==> flow/design.v <==
module alu_mplex_blk (ck, ch, s, result);
  parameter W = 12;
  parameter INPUTS = 8;
  localparam LOGN = $clog2(INPUTS);
  input ck;
  input [INPUTS*W-1:0] ch;
  input [LOGN-1:0] s;
  output [W-1:0] result;
  reg [INPUTS*W-1:0] ch_reg;
  reg [LOGN-1:0] s_reg;
  always @(posedge ck) begin
    ch_reg <= ch;
    s_reg <= s;
  end
  wire [INPUTS-1:0] dec;
  assign dec = {{(INPUTS-1){1'b0}}, 1'b1} << s_reg;
  reg [W-1:0] r;
  integer k;
  always @* begin
    r = 0;
    for (k = 0; k < INPUTS; k = k + 1)
      r = r | (ch_reg[k*W +: W] & {W{dec[k]}});
  end
  assign result = r;
endmodule
Step by step through the tools: alu_mplex_blk
The steps from the RTL of alu_mplex_blk to its reports follow in flow order.
Lines are those of the file above, counted from 1.
Not given: --
- top: alu_mplex_blk
- clock: ck
- standard-cell library: sky130hd
- library corner: tt_025C_1v80

Word level
Counts by Yosys on the flattened word-level netlist (proc, flatten, opt, wreduce; memories kept). Register bits leave out memories and registers merged into their read ports (data or address); mux counts leave out enables and synchronous resets folded into registers. Print and check cells are left out. Cells with the same type and inputs are merged into one.
- output and inout bits: 12
- flip-flop bits (word level): 99
- noted input port bits: 100
- noted shift operators: 1
- bitwise logic cells at 15
- operators with widths (cell ; number):
    12-bit bitwise AND ; 8
    12-bit bitwise OR ; 7
    1-bit by 3-bit << shifter with 8-bit output with constant A ; 1

Depth
Longest topological path by Yosys (ltp), each cell counted once; first at word level (registers and memories cut), then after technology mapping (sequential cells cut; the memories' decode and read muxes count).
- noted depth after elaboration: 9
- ABC_AREA: 0
- noted mapped depth: 4
- noted depth with buffers taken out: 2

Synthesis result
Source: synth_stat.txt of the flow (Yosys; design flattened, memories mapped). It holds for the ABC_AREA given above (unset counts as 0); a run with the other value may have another netlist.
The area totals of this step are shown rounded.
- cells by type (type ; number ; total area (µm²)):
    sky130_fd_sc_hd__dfxtp_1 ; 99 ; 1.98E+03
    sky130_fd_sc_hd__mux4_1 ; 21 ; 551.779
    sky130_fd_sc_hd__mux2_2 ; 12 ; 135.13
    sky130_fd_sc_hd__mux4_2 ; 3 ; 67.565
    sky130_fd_sc_hd__buf_6 ; 3 ; 33.782
    sky130_fd_sc_hd__buf_2 ; 2 ; 10.01
    sky130_fd_sc_hd__clkbuf_1 ; 2 ; 7.507
- noted cells in the netlist: 142
- noted buffer cells: 7
- chip area (Yosys) at 2790 µm²
- mapped flip-flops: 99

Worst setup path after synthesis
OpenSTA on the mapped netlist: ideal clock, no wires. The path of least setup slack (recovery checks aside). Input and output delay are each 20% of the period. Register names are those of the netlist, which keeps one name where synthesis merged equal registers.
- path kind: register -> output
- start: register s_reg[0]
- end: output port result[10]
- data required time: 1744 ps
- launch time at the first pin at 0 ps
- noted stages on the path: 5
- noted setup slack: 348 ps
- external output delay: 436 ps
- noted period: 2180 ps
- noted path delay: 1396 ps
- noted data arrival time: 1396 ps
- synthesis period reached: 1832 ps
"path delay" = arrival - input delay + setup time.
At an output port there is no setup time.
"stages on the path": output pins that drive a net of the path, with the launching flip-flop's if there is one; two outputs of one cell count as two.
"synthesis period reached" = period - worst setup slack (recovery checks aside). The figure is calculated, with input and output delays left at 20% of the set period.
The rows between start and end are the longest chain of elaborated cells between them; the timing report does not say that the signal goes this way. Where chains are equally long, one stands for them.
A line is the first line of the expression or statement that the cell stems from. Yosys adds cells for indexed reads and writes and turns some case tables into memories.
- cells stage by stage: sky130_fd_sc_hd__dfxtp_1 sky130_fd_sc_hd__buf_6 sky130_fd_sc_hd__buf_6 sky130_fd_sc_hd__mux4_1 sky130_fd_sc_hd__mux2_2
- cells in the longest elaborated chain at 9
- elaborated cells between the ends (all ways): 16
- those cells by class: 1 x shift; 15 x logic
- ends and longest elaborated chain, post-synthesis (item ; RTL line ; source):
    from (decl) ; 10 ; reg [LOGN-1:0] s_reg;
    from (assign) ; 13 ; s_reg <= s;
    1-bit by 3-bit << shifter with 8-bit output ; 16 ; assign dec = {{(INPUTS-1){1'b0}}, 1'b1} << s_reg;
    12-bit bitwise AND ; 22 ; r = r | (ch_reg[k*W +: W] & {W{dec[k]}});
    12-bit bitwise OR x7 ; 22 ;
    to (decl) ; 8 ; output [W-1:0] result;

Worst path after layout
Path of least setup slack in the final report of run 1 (OpenROAD, finished layout, wires in). Where an end is a register, its clock arrival counts in the times.
The path's times are printed in steps of 10 ps; the period is the one set.
- path kind: register -> output
- start: register s_reg[0]
- end: output port result[9]
- noted period: 1900 ps
- external output delay: 380 ps
- data required time: 1520 ps
- launch time at the first pin at 370 ps
- noted data arrival time: 1980 ps
- noted stages on the path: 6
- noted setup slack: -460 ps
The rows between start and end are the longest chain of elaborated cells between them; the timing report does not say that the signal goes this way. Where chains are equally long, one stands for them.
- cells stage by stage: sky130_fd_sc_hd__dfxtp_4 sky130_fd_sc_hd__buf_12 sky130_fd_sc_hd__buf_16 sky130_fd_sc_hd__mux4_2 sky130_fd_sc_hd__mux2_4 sky130_fd_sc_hd__buf_6
- cells in the longest elaborated chain at 9
- elaborated cells between the ends (all ways): 16
- those cells by class: 1 x shift; 15 x logic
- ends and longest elaborated chain, after layout (item ; RTL line ; source):
    from (decl) ; 10 ; reg [LOGN-1:0] s_reg;
    from (assign) ; 13 ; s_reg <= s;
    1-bit by 3-bit << shifter with 8-bit output ; 16 ; assign dec = {{(INPUTS-1){1'b0}}, 1'b1} << s_reg;
    12-bit bitwise AND ; 22 ; r = r | (ch_reg[k*W +: W] & {W{dec[k]}});
    12-bit bitwise OR x7 ; 22 ;
    to (decl) ; 8 ; output [W-1:0] result;

Memo
Re: implementation data of alu_mplex_blk

Flow measurements of alu_mplex_blk on sky130hd: 3 stored runs with different settings, listed in no order. Input and output delays are each 20% of the period that was set; the output load is 0.01 pF.
"clock period achieved" is the run's clock period less its worst setup slack. It is reckoned from that one timing run; input and output delays stay at 20% of the period that was set.
"time on the worst setup path" is the time allowed to the run's worst setup path (the clock period less input and output delay, where it has them) less its slack. Clock arrival times count: a late capture clock shortens it, a late launch clock lengthens it.
"total power of the final layout": no workload was simulated; the value follows from the tool's default switching activity.
"time on the worst setup path" is known to 10 ps.
Results are given in rounded form.

Run 1
Settings were period_ns = 1.9; CORE_UTILIZATION = 59; SETUP_SLACK_MARGIN = 0.5; PLACE_DENSITY_LB_ADDON = 0.05; CELL_PAD_IN_SITES_DETAIL_PLACEMENT = 0; TNS_END_PERCENT = 55; CAP_MARGIN = 40; MIN_ROUTING_LAYER = met1; CORE_MARGIN = 2; SLEW_MARGIN = 20
- Yosys chip area after synthesis at 2790 µm²
- noted the total power of the final layout: 4210 µW
- setup total negative slack at -4870 ps
- setup slack of the critical path: -461 ps
- lowest hold slack: 439 ps
- area inside the die boundary: 5290 µm²
- noted the standard-cell area after routing: 4290 µm²
- time on the worst setup path at 1980 ps
- critical path kind: register -> output
- noted the clock period achieved: 2361 ps
- noted the utilization: 92.7%

Run 2
Settings were period_ns = 2.18; CAP_MARGIN = 20; CORE_MARGIN = 2; CORE_UTILIZATION = 40; SLEW_MARGIN = 20
- Yosys chip area after synthesis at 2790 µm²
- noted the total power of the final layout: 3450 µW
- setup total negative slack at -781 ps
- setup slack of the critical path: -79 ps
- lowest hold slack: 517 ps
- area inside the die boundary: 7650 µm²
- noted the standard-cell area after routing: 4200 µm²
- time on the worst setup path at 1820 ps
- critical path kind: register -> output
- noted the clock period achieved: 2259 ps
- noted the utilization: 62.2%

Run 3
Settings were period_ns = 1.24; CORE_UTILIZATION = 66; PLACE_DENSITY = 0.75; CORE_ASPECT_RATIO = 0.93; CELL_PAD_IN_SITES_GLOBAL_PLACEMENT = 3; CELL_PAD_IN_SITES_DETAIL_PLACEMENT = 0; TNS_END_PERCENT = 5; GPL_ROUTABILITY_DRIVEN = 0; MAX_ROUTING_LAYER = met5; CAP_MARGIN = 20; CORE_MARGIN = 2; SLEW_MARGIN = 20
- stopped before the end: placement reported GPL-0301
